==> flow/design.v <==
module rf_blk #(
   parameter NREGS = 6,
   parameter DW = 16,
   parameter ADDR_WIDTH = $clog2(NREGS),
   parameter GROUPS = DW / 8
) (
   input  wire core_clk,
   input  wire clr,
   input  wire [GROUPS-1:0] wstrb_in,
   input  wire [ADDR_WIDTH-1:0] wr_addr_in,
   input  wire [DW-1:0] din_in,
   input  wire [ADDR_WIDTH-1:0] rd_idx_in,
   output wire [DW-1:0] q_out
);
   reg [GROUPS-1:0] wstrb_s;
   reg [ADDR_WIDTH-1:0] wr_addr_s;
   reg [DW-1:0] din_s;
   always @(posedge core_clk or posedge clr) begin
      if (clr) begin
         wstrb_s <= 0;
         wr_addr_s <= 0;
         din_s <= 0;
      end else begin
         wstrb_s <= wstrb_in;
         wr_addr_s <= wr_addr_in;
         din_s <= din_in;
      end
   end
   reg [DW-1:0] ram [NREGS-1:0];
   integer idx;
   always @(posedge core_clk) begin
      for (idx = 0; idx < GROUPS; idx = idx + 1)
         if (wstrb_s[idx]) ram[wr_addr_s][8*idx +: 8] <= din_s[8*idx +: 8];
   end
   reg [ADDR_WIDTH-1:0] rd_idx_s;
   always @(posedge core_clk or posedge clr) begin
      if (clr) begin
         rd_idx_s <= 0;
      end else begin
         rd_idx_s <= rd_idx_in;
      end
   end
   assign q_out = ram[rd_idx_s];
endmodule
# --- From RTL to reports: rf_blk ---
# A sweep over "NREGS": the same steps for each member of the family.
# The RTL above is that of NREGS=6; lines are counted from 1 in the file of the member named.
# Library cell names are shortened.
setup:
  top_module: "rf_blk"
  clk_port: "core_clk"
  library: "sky130hd"
  pvt_corner: "tt_025C_1v80"

# --- Members of the sweep ---
# Lines of each other member's file that are new or changed against the file above; lines that a member lacks are not shown.
changed_lines:
  columns: ["NREGS", "line", "source"]
  rows:
  - [16, 2, "parameter NREGS = 16,"]
  - [20, 2, "parameter NREGS = 20,"]

# --- Word level ---
# Yosys after proc, flatten, opt, wreduce and memory -nomap, before mapping. Enables and synchronous resets that opt folds into registers are not counted as muxes. Memory bits, and registers merged into a memory's read port (data or address), are not among the register bits. Print and check cells are not counted. Equal cells are merged and count once.
# Memory sizes are those after Yosys's memory passes, which may raise the word count (mostly to a power of two), join words into wider ones and drop unused or constant bits.
op_classes:
  columns: ["NREGS", "multipliers", "equal", "addsub", "n_shift", "bitwise", "compare", "n_mux", "reduce_logical", "div"]
  rows:
  - [6, 0, 0, 0, 0, 0, 0, 4, 0, 0]
  - [16, 0, 0, 0, 0, 0, 0, 4, 0, 0]
  - [20, 0, 0, 0, 0, 0, 0, 4, 0, 0]
ops:
  columns: ["NREGS", "op_list"]
  rows:
  - [6, "2-to-1 mux 16 bit (2); 2-to-1 mux 1 bit (2)"]
  - [16, "2-to-1 mux 16 bit (2); 2-to-1 mux 1 bit (2)"]
  - [20, "2-to-1 mux 16 bit (2); 2-to-1 mux 1 bit (2)"]
word_totals:
  columns: ["NREGS", "clocked_rd_ports_x_width", "mem_bits_ro", "inputBits", "ram_bits", "latch_bits", "output_inout_bits", "elab_cells", "mem_count", "regBits"]
  rows:
  - [6, 0, 0, 26, 96, 0, 16, 9, 1, 24]
  - [16, 0, 0, 28, 256, 0, 16, 9, 1, 26]
  - [20, 0, 0, 30, 320, 0, 16, 9, 1, 28]
mem_list:
  columns: ["NREGS", "mem_shapes"]
  rows:
  - [6, "ram 6x16 r1 w1"]
  - [16, "ram 16x16 r1 w1"]
  - [20, "ram 20x16 r1 w1"]

# --- Logic depth ---
# Yosys ltp: most cells in a row. Word level: on the elaborated netlist, between registers, memories and ports. Mapped: between sequential cells and ports; inverters and the memories' decode and read muxes count.
depth:
  columns: ["NREGS", "depth_word", "ABC_AREA", "mapped_depth", "ltp_nobuf"]
  rows:
  - [6, 1, 0, 6, 3]
  - [16, 1, 0, 5, 3]
  - [20, 1, 0, 7, 4]

# --- Mapped cells and area ---
# The flow's flattened synthesis, as Yosys stat reports it; memories are mapped. The netlist is that of the ABC_AREA named above (0 if unset); the other value can give another one.
# The area totals of this step are shown rounded.
by_type:
  columns: ["NREGS", "cell_types"]
  rows:
  - [6, "edfxtp_1 (96); dfrtp_1 (24); mux2i_1 (48); a22o_1 (16); a21oi_1 (12); buf_12 (2); buf_4 (5); a21oi_2 (4); nor2_1 (8); nand2b_1 (4); buf_6 (2); nor3_1 (4); nand2_1 (2); nor2_2 (1); nor2b_1 (1); buf_2 (1); clkbuf_1 (1); inv_1 (1)"]
  - [16, "edfxtp_1 (256); mux4_2 (54); dfrtp_1 (26); mux4_1 (10); a22oi_1 (32); nor2_1 (34); nand2_1 (23); buf_6 (4); clkbuf_1 (10); buf_2 (5); nor2b_1 (4); buf_4 (3); nand2b_1 (2); nand3_1 (2); and2_1 (1); or2_2 (1); clkbuf_2 (1); buf_1 (1); inv_1 (1)"]
  - [20, "edfxtp_1 (320); mux2i_1 (111); dfrtp_1 (28); mux4_2 (16); nor2_1 (58); mux2_2 (17); nand3_1 (33); nand2_1 (38); a22oi_1 (16); buf_6 (10); o22ai_1 (16); a211oi_1 (11); a21oi_1 (16); a211oi_2 (5); buf_4 (8); buf_2 (10); nand3b_1 (3); clkbuf_1 (5); [+21]"]
# The mark [+n] counts cells that are not listed.
mapped:
  columns: ["NREGS", "sequential_area_mm2", "stdcells", "ffs", "n_buf", "mapped_area_mm2"]
  rows:
  - [6, 0.00348, 232, 120, 11, 0.00441]
  - [16, 0.00834, 470, 282, 24, 0.0105]
  - [20, 0.0103, 742, 348, 36, 0.0134]

# --- Timing after synthesis ---
# Path of least setup slack by OpenSTA after synthesis, without wires, with an ideal clock, recovery checks aside; 20% of the period is set as input and as output delay. Where synthesis merged equal registers, the netlist keeps one of their names.
synth_path:
  columns: ["NREGS", "kind", "start", "end", "tclk_ps", "slack_ps", "stages", "delay_ps", "synth_period_reached_ps"]
  rows:
  - [6, "reg-to-output", "reg rd_idx_s[0]", "out q_out[10]", 1910, 336, 7, 1192, 1574]
  - [16, "reg-to-output", "reg rd_idx_s[0]", "out q_out[10]", 2290, 367, 6, 1465, 1923]
  - [20, "reg-to-output", "reg rd_idx_s[0]", "out q_out[11]", 2230, 432, 8, 1352, 1798]
# "delay_ps" is the arrival time less input delay plus setup time.
# At an output port there is no setup time.
# "stages": output pins that drive a net of the path, with the launching flip-flop's if there is one; two outputs of one cell count as two.
# "synth_period_reached_ps" is the clock period less the worst setup slack; recovery checks do not enter. This is arithmetic on one report: input and output delays are still those of the set period (20% each).
# Between the ends stands the longest chain of elaborated cells between them, by number of cells; it is not shown to be the way that was timed. Of several equally long chains one is given.
# Each line given opens the expression or statement behind the cell; cells for indexed reads and writes are added by Yosys, which also makes memories of some case tables.
# A memory read counts as a cell of the chain, while the word-level depth stops at memories.
synth_between_NREGS_6:
  elab_chain_cells: 1
synth_rtl_NREGS_6:
  columns: ["item", "line", "source"]
  rows:
  - ["start, declared", 35, "reg [ADDR_WIDTH-1:0] rd_idx_s;"]
  - ["start, assigned", 38, "rd_idx_s <= 0;"]
  - ["start, assigned", 40, "rd_idx_s <= rd_idx_in;"]
  - ["memory read (6 x 16 bit)", 29, "reg [DW-1:0] ram [NREGS-1:0];"]
  - ["end, declared", 13, "output wire [DW-1:0] q_out"]
synth_between_NREGS_20:
  elab_chain_cells: 1
synth_rtl_NREGS_20:
  columns: ["item", "line", "source"]
  rows:
  - ["start, declared", 35, "reg [ADDR_WIDTH-1:0] rd_idx_s;"]
  - ["start, assigned", 38, "rd_idx_s <= 0;"]
  - ["start, assigned", 40, "rd_idx_s <= rd_idx_in;"]
  - ["memory read (20 x 16 bit)", 29, "reg [DW-1:0] ram [NREGS-1:0];"]
  - ["end, declared", 13, "output wire [DW-1:0] q_out"]

# --- Timing after layout ---
# From the final timing report of the run of each member: the path of least setup slack in the routed layout; clock arrival at registers is part of the times.
# The report prints the path's times to 10 ps; the period is as set.
layout_path:
  columns: ["NREGS", "kind", "start", "end", "stages", "n_path_buf", "tclk_ps", "slack_ps", "arrival_time_ps"]
  rows:
  - [6, "reg-to-output", "reg rd_idx_s[0]", "out q_out[0]", 7, 3, 1910, -330, 1860]
  - [16, "reg-to-output", "reg rd_idx_s[0]", "out q_out[7]", 8, 4, 2290, -490, 2320]
  - [20, "reg-to-output", "reg rd_idx_s[0]", "out q_out[7]", 8, 4, 2230, -550, 2330]

# --- Measured runs ---
# Settings and results of one run of the flow (Yosys, OpenROAD) for each member follow. The constraints put input and output delay at 20% of the set period each and load the outputs with 0.01 pF.
flow_settings:
  CAP_MARGIN: 20
  CORE_MARGIN: 2
  CORE_UTILIZATION: 40
  SLEW_MARGIN: 20
settings_by_member:
  columns: ["NREGS", "period_ns"]
  rows:
  - [6, 1.91]
  - [16, 2.29]
  - [20, 2.23]
measured:
  columns: ["NREGS", "cell_area_final_mm2", "post_route_util_frac", "synthArea_mm2", "period_reached_ps", "worstSetupSlack_ps", "dieArea_mm2", "timing.setup.tns_ps", "power_total_w"]
  rows:
  - [6, 0.0058, 0.537, 0.00441, 2243, -333, 0.0119, -4390, 0.00618]
  - [16, 0.0128, 0.493, 0.0105, 2782, -492, 0.0275, -7080, 0.0104]
  - [20, 0.0168, 0.515, 0.0134, 2778, -548, 0.0349, -7800, 0.0139]
# "period_reached_ps": clock period set for the run, less the worst setup slack. It is reckoned from that one timing run; input and output delays stay at 20% of the period that was set.
# "power_total_w": no workload was simulated; the value follows from the tool's default switching activity.
# Measured values are rounded.
